==> flow/design.v <==
module dp_times_p (aclk, i_rst_n, da, db, prod);
    parameter DATA_W = 5;
    parameter COUNT = 4;
    localparam SUM_W = 2*DATA_W + $clog2(COUNT);
    input aclk;
    input i_rst_n;
    input [COUNT*DATA_W-1:0] da;
    input [COUNT*DATA_W-1:0] db;
    output [SUM_W-1:0] prod;
    reg [COUNT*DATA_W-1:0] da_ff;
    reg [COUNT*DATA_W-1:0] db_ff;
    reg [SUM_W-1:0] t;
    integer k;
    always @* begin
        t = 0;
        for (k = 0; k < COUNT; k = k + 1)
            t = t + da_ff[k*DATA_W +: DATA_W] * db_ff[k*DATA_W +: DATA_W];
    end
    assign prod = t;
    always @(posedge aclk or negedge i_rst_n) begin
        if (!i_rst_n) begin
            da_ff <= 0;
            db_ff <= 0;
        end else begin
            da_ff <= da;
            db_ff <= db;
        end
    end
endmodule
# From RTL to reports: dp_times_p
# A sweep over "DATA_W": the same steps for each member of the family.
# The RTL above is that of DATA_W=5; lines are counted from 1 in the file of the member named.
# Operators carry their Yosys type and port widths (W data, S select, Z words).
# Library cell names are shortened.
# Not given: n/a
# setup
top	dp_times_p
clk_port	aclk
lib	sky130hd
lib_corner	tt_025C_1v80

# Source of the members
# New or changed lines of each further member against the RTL above, in its own file; lines it lacks are not shown.
# changed_lines
DATA_W	line_no	rtl
6	2	parameter DATA_W = 6;
7	2	parameter DATA_W = 7;
10	2	parameter DATA_W = 10;
12	2	parameter DATA_W = 12;
14	2	parameter DATA_W = 14;

# After elaboration
# Counts by Yosys on the flattened word-level netlist (proc, flatten, opt, wreduce; memories kept). Register bits leave out memories and registers merged into their read ports (data or address); mux counts leave out enables and synchronous resets folded into registers. Print and check cells are left out. Cells with the same type and inputs are merged into one.
# bits
DATA_W	ff_bits	clocked_rd_ports_x_width	rom_bits	ramBits	latchBits	output_inout_bits	in_bits	mem_count
5	40	0	0	0	0	12	42	0
6	48	0	0	0	0	14	50	0
7	56	0	0	0	0	16	58	0
10	80	0	0	0	0	22	82	0
12	96	0	0	0	0	26	98	0
14	112	0	0	0	0	30	114	0
# op_classes
DATA_W	n_shift	muxes	bitwise	n_mul	n_eq	n_div	n_cmp	reduce_and_logical	add_sub_neg
5	0	0	0	4	0	0	0	0	3
6	0	0	0	4	0	0	0	0	3
7	0	0	0	4	0	0	0	0	3
10	0	0	0	4	0	0	0	0	3
12	0	0	0	4	0	0	0	0	3
14	0	0	0	4	0	0	0	0	3
# op_table
DATA_W	operators
5	$mul A5 B5 Y10 (4); $add A11 B10 Y12 (1); $add A12 B10 Y12 (1); $add A10 B10 Y11 (1)
6	$mul A6 B6 Y12 (4); $add A13 B12 Y14 (1); $add A14 B12 Y14 (1); $add A12 B12 Y13 (1)
7	$mul A7 B7 Y14 (4); $add A15 B14 Y16 (1); $add A16 B14 Y16 (1); $add A14 B14 Y15 (1)
10	$mul A10 B10 Y20 (4); $add A21 B20 Y22 (1); $add A22 B20 Y22 (1); $add A20 B20 Y21 (1)
12	$mul A12 B12 Y24 (4); $add A25 B24 Y26 (1); $add A26 B24 Y26 (1); $add A24 B24 Y25 (1)
14	$mul A14 B14 Y28 (4); $add A29 B28 Y30 (1); $add A30 B28 Y30 (1); $add A28 B28 Y29 (1)

# Logic depth
# Depth = most cells in a row (Yosys ltp): at word level without a register or memory, in the mapped netlist without a sequential cell, where the memories' decode and read muxes count.
# depth
DATA_W	depth_word	abc_area	depth_mapped
5	4	0	19
6	4	0	20
7	4	0	21
10	4	0	26
12	4	0	28
14	4	0	28

# Synthesis result
# Yosys stat after the flow's synthesis: flattened, memories mapped to cells. It holds for the ABC_AREA given above (unset counts as 0); a run with the other value may have another netlist.
# mapped
DATA_W	flip_flops	sequential_area_um2	n_buf	mapped_area_um2	cell_count
5	40	1001.0	0	4566.9	424
6	48	1201.2	0	6188.4	587
7	56	1401.3	0	8246.7	793
10	80	2001.9	45	15822.7	1576
12	96	2402.3	99	22420.3	2334
14	112	2802.7	118	29990.0	3109
# by_type
DATA_W	type_list
5	fa_1 (78); dfrtp_1 (40); ha_1 (62); and2_1 (70); inv_1 (105); nand2_1 (32); xnor2_1 (7); a21oi_1 (6); xor2_1 (3); o41ai_2 (1); nand3_1 (3); o21a_1 (2); a211oi_2 (1); a221o_1 (1); a21o_2 (1); a21oi_2 (1); a41oi_1 (1); o21ai_2 (1); (+9)
6	fa_1 (120); dfrtp_1 (48); ha_1 (71); inv_1 (162); and2_1 (95); nand2_1 (53); xnor2_1 (7); o41ai_2 (2); xor2_1 (3); a21oi_1 (4); and3_1 (3); o21ai_0 (3); nor2b_4 (1); a211oi_2 (1); a31oi_2 (1); nand2b_2 (1); o2111ai_1 (1); o31a_1 (1); (+10)
7	fa_1 (167); dfrtp_1 (56); ha_1 (92); and2_1 (145); inv_1 (223); nand2_1 (55); xnor2_1 (8); o41ai_2 (3); a21oi_1 (9); nor2_1 (7); a21o_1 (3); o31a_1 (2); xor2_1 (2); a221oi_2 (1); a31oi_2 (1); nand4_1 (2); or2_2 (2); o21bai_2 (1); (+14)
10	fa_1 (359); ha_1 (165); dfrtp_1 (80); inv_1 (428); and2_1 (245); nand2_1 (165); clkbuf_1 (43); xnor2_1 (12); a21oi_1 (18); xor2_1 (7); a21o_1 (7); o21ai_0 (7); nor2_1 (6); a31oi_4 (1); nand4_1 (3); o221ai_1 (2); o311ai_2 (1); a221oi_2 (1); (+26)
12	fa_1 (529); ha_1 (217); inv_1 (676); dfrtp_1 (96); and2_1 (295); nand2_1 (299); clkbuf_1 (98); xnor2_1 (17); a21oi_1 (24); o21ai_0 (12); a21o_1 (7); xor2_1 (6); and3_4 (3); nor2_1 (9); nor2b_1 (5); nor3_1 (6); o2111ai_1 (3); o21bai_1 (3); (+29)
14	fa_1 (727); ha_1 (286); inv_1 (898); dfrtp_1 (112); and2_1 (437); nand2_1 (361); clkbuf_1 (118); xnor2_1 (19); a21oi_1 (25); a21o_1 (12); xor2_1 (8); nor2_1 (16); o21ai_0 (11); a211oi_1 (5); nand3_1 (6); nor3_1 (6); a31oi_1 (4); and3_1 (4); (+54)
# The mark (+n) counts cells that are not listed.

# Path before layout
# OpenSTA on the mapped netlist: ideal clock, no wires. The path of least setup slack (recovery checks aside). Input and output delay are each 20% of the period. Register names are those of the netlist, which keeps one name where synthesis merged equal registers.
# synth_timing
DATA_W	path_type	start	end	clock_period_ps	path_stages	delay_ps	slack_ps	period_less_setup_slack_ps
5	register to output	reg da_ff[12]	out prod[8]	8260	20	5288	1320	6940
6	register to output	reg db_ff[0]	out prod[12]	8440	19	5400	1352	7088
7	register to output	reg db_ff[4]	out prod[12]	8830	19	5649	1415	7415
10	register to output	reg db_ff[30]	out prod[18]	10000	25	6408	1592	8408
12	register to output	reg da_ff[43]	out prod[18]	11100	25	7093	1787	9313
14	register to output	reg db_ff[2]	out prod[29]	11300	26	7250	1790	9510
# "delay_ps" is the arrival time less input delay plus setup time.
# At an output port there is no setup time.
# "path_stages": output pins that drive a net of the path, with the launching flip-flop's if there is one; two outputs of one cell count as two.
# "period_less_setup_slack_ps" = period - worst setup slack (recovery checks aside). The figure is calculated, with input and output delays left at 20% of the set period.
# Between the ends stands the longest chain of elaborated cells between them, by number of cells; it is not shown to be the way that was timed. Of several equally long chains one is given.
# Each line given opens the expression or statement behind the cell; cells for indexed reads and writes are added by Yosys, which also makes memories of some case tables.
# synth_via_DATA_W_5
elab_chain_len	3
# synth_lines_DATA_W_5
element	line_no	rtl
from (decl)	10	reg [COUNT*DATA_W-1:0] da_ff;
from (assign)	22	da_ff <= 0;
from (assign)	25	da_ff <= da;
$mul A5 B5 Y10	17	t = t + da_ff[k*DATA_W +: DATA_W] * db_ff[k*DATA_W +: DATA_W];
$add A11 B10 Y12	17
$add A12 B10 Y12	17
to (decl)	9	output [SUM_W-1:0] prod;
# synth_via_DATA_W_14
elab_chain_len	4
# synth_lines_DATA_W_14
element	line_no	rtl
from (decl)	11	reg [COUNT*DATA_W-1:0] db_ff;
from (assign)	23	db_ff <= 0;
from (assign)	26	db_ff <= db;
$mul A14 B14 Y28	17	t = t + da_ff[k*DATA_W +: DATA_W] * db_ff[k*DATA_W +: DATA_W];
$add A28 B28 Y29	17
$add A29 B28 Y30	17
$add A30 B28 Y30	17
to (decl)	9	output [SUM_W-1:0] prod;

# Worst path after layout
# Path of least setup slack in the final report of each member's run (OpenROAD, finished layout, wires in). Where an end is a register, its clock arrival counts in the times.
# The report prints the path's times to 10 ps; the period is as set.
# layout_timing
DATA_W	path_type	start	end	arrival_ps	slack_ps	clock_period_ps	path_buffers	path_stages
5	register to output	reg da_ff[12]	out prod[11]	6360	240	8260	1	21
6	register to output	reg db_ff[0]	out prod[13]	6450	300	8440	1	20
7	register to output	reg db_ff[4]	out prod[14]	6750	310	8830	1	20
10	register to output	reg db_ff[31]	out prod[18]	7690	310	10000	1	25
12	register to output	reg db_ff[39]	out prod[21]	8580	300	11100	1	22
14	register to output	reg db_ff[22]	out prod[26]	8630	410	11300	2	23

# Layout results
# One run of the flow (Yosys, OpenROAD) for each member, with settings and measured results. Input and output delays are each 20% of the period that was set; the output load is 0.01 pF.
# settings
CAP_MARGIN	20
CORE_MARGIN	2
CORE_UTILIZATION	40
SLEW_MARGIN	20
# settings_by_member
DATA_W	period_ns
5	8.26
6	8.44
7	8.83
10	10.0
12	11.1
14	11.3
# results
DATA_W	finalCellArea_um2	utilization_pct	synthesis_area_um2	fin_ws_ps	die_area_um2	timing.setup.tns_ps
5	5436.5	48.2	4566.9	245	12287.7	0
6	7235.7	47.8	6188.4	302	16481.4	0
7	9516.6	47.0	8246.7	311	21781.3	0
10	17704.5	45.6	15822.7	314	41164.4	0
12	24622.4	44.5	22420.3	298	57960.6	0
14	32757.7	44.1	29990.0	412	77181.2	0
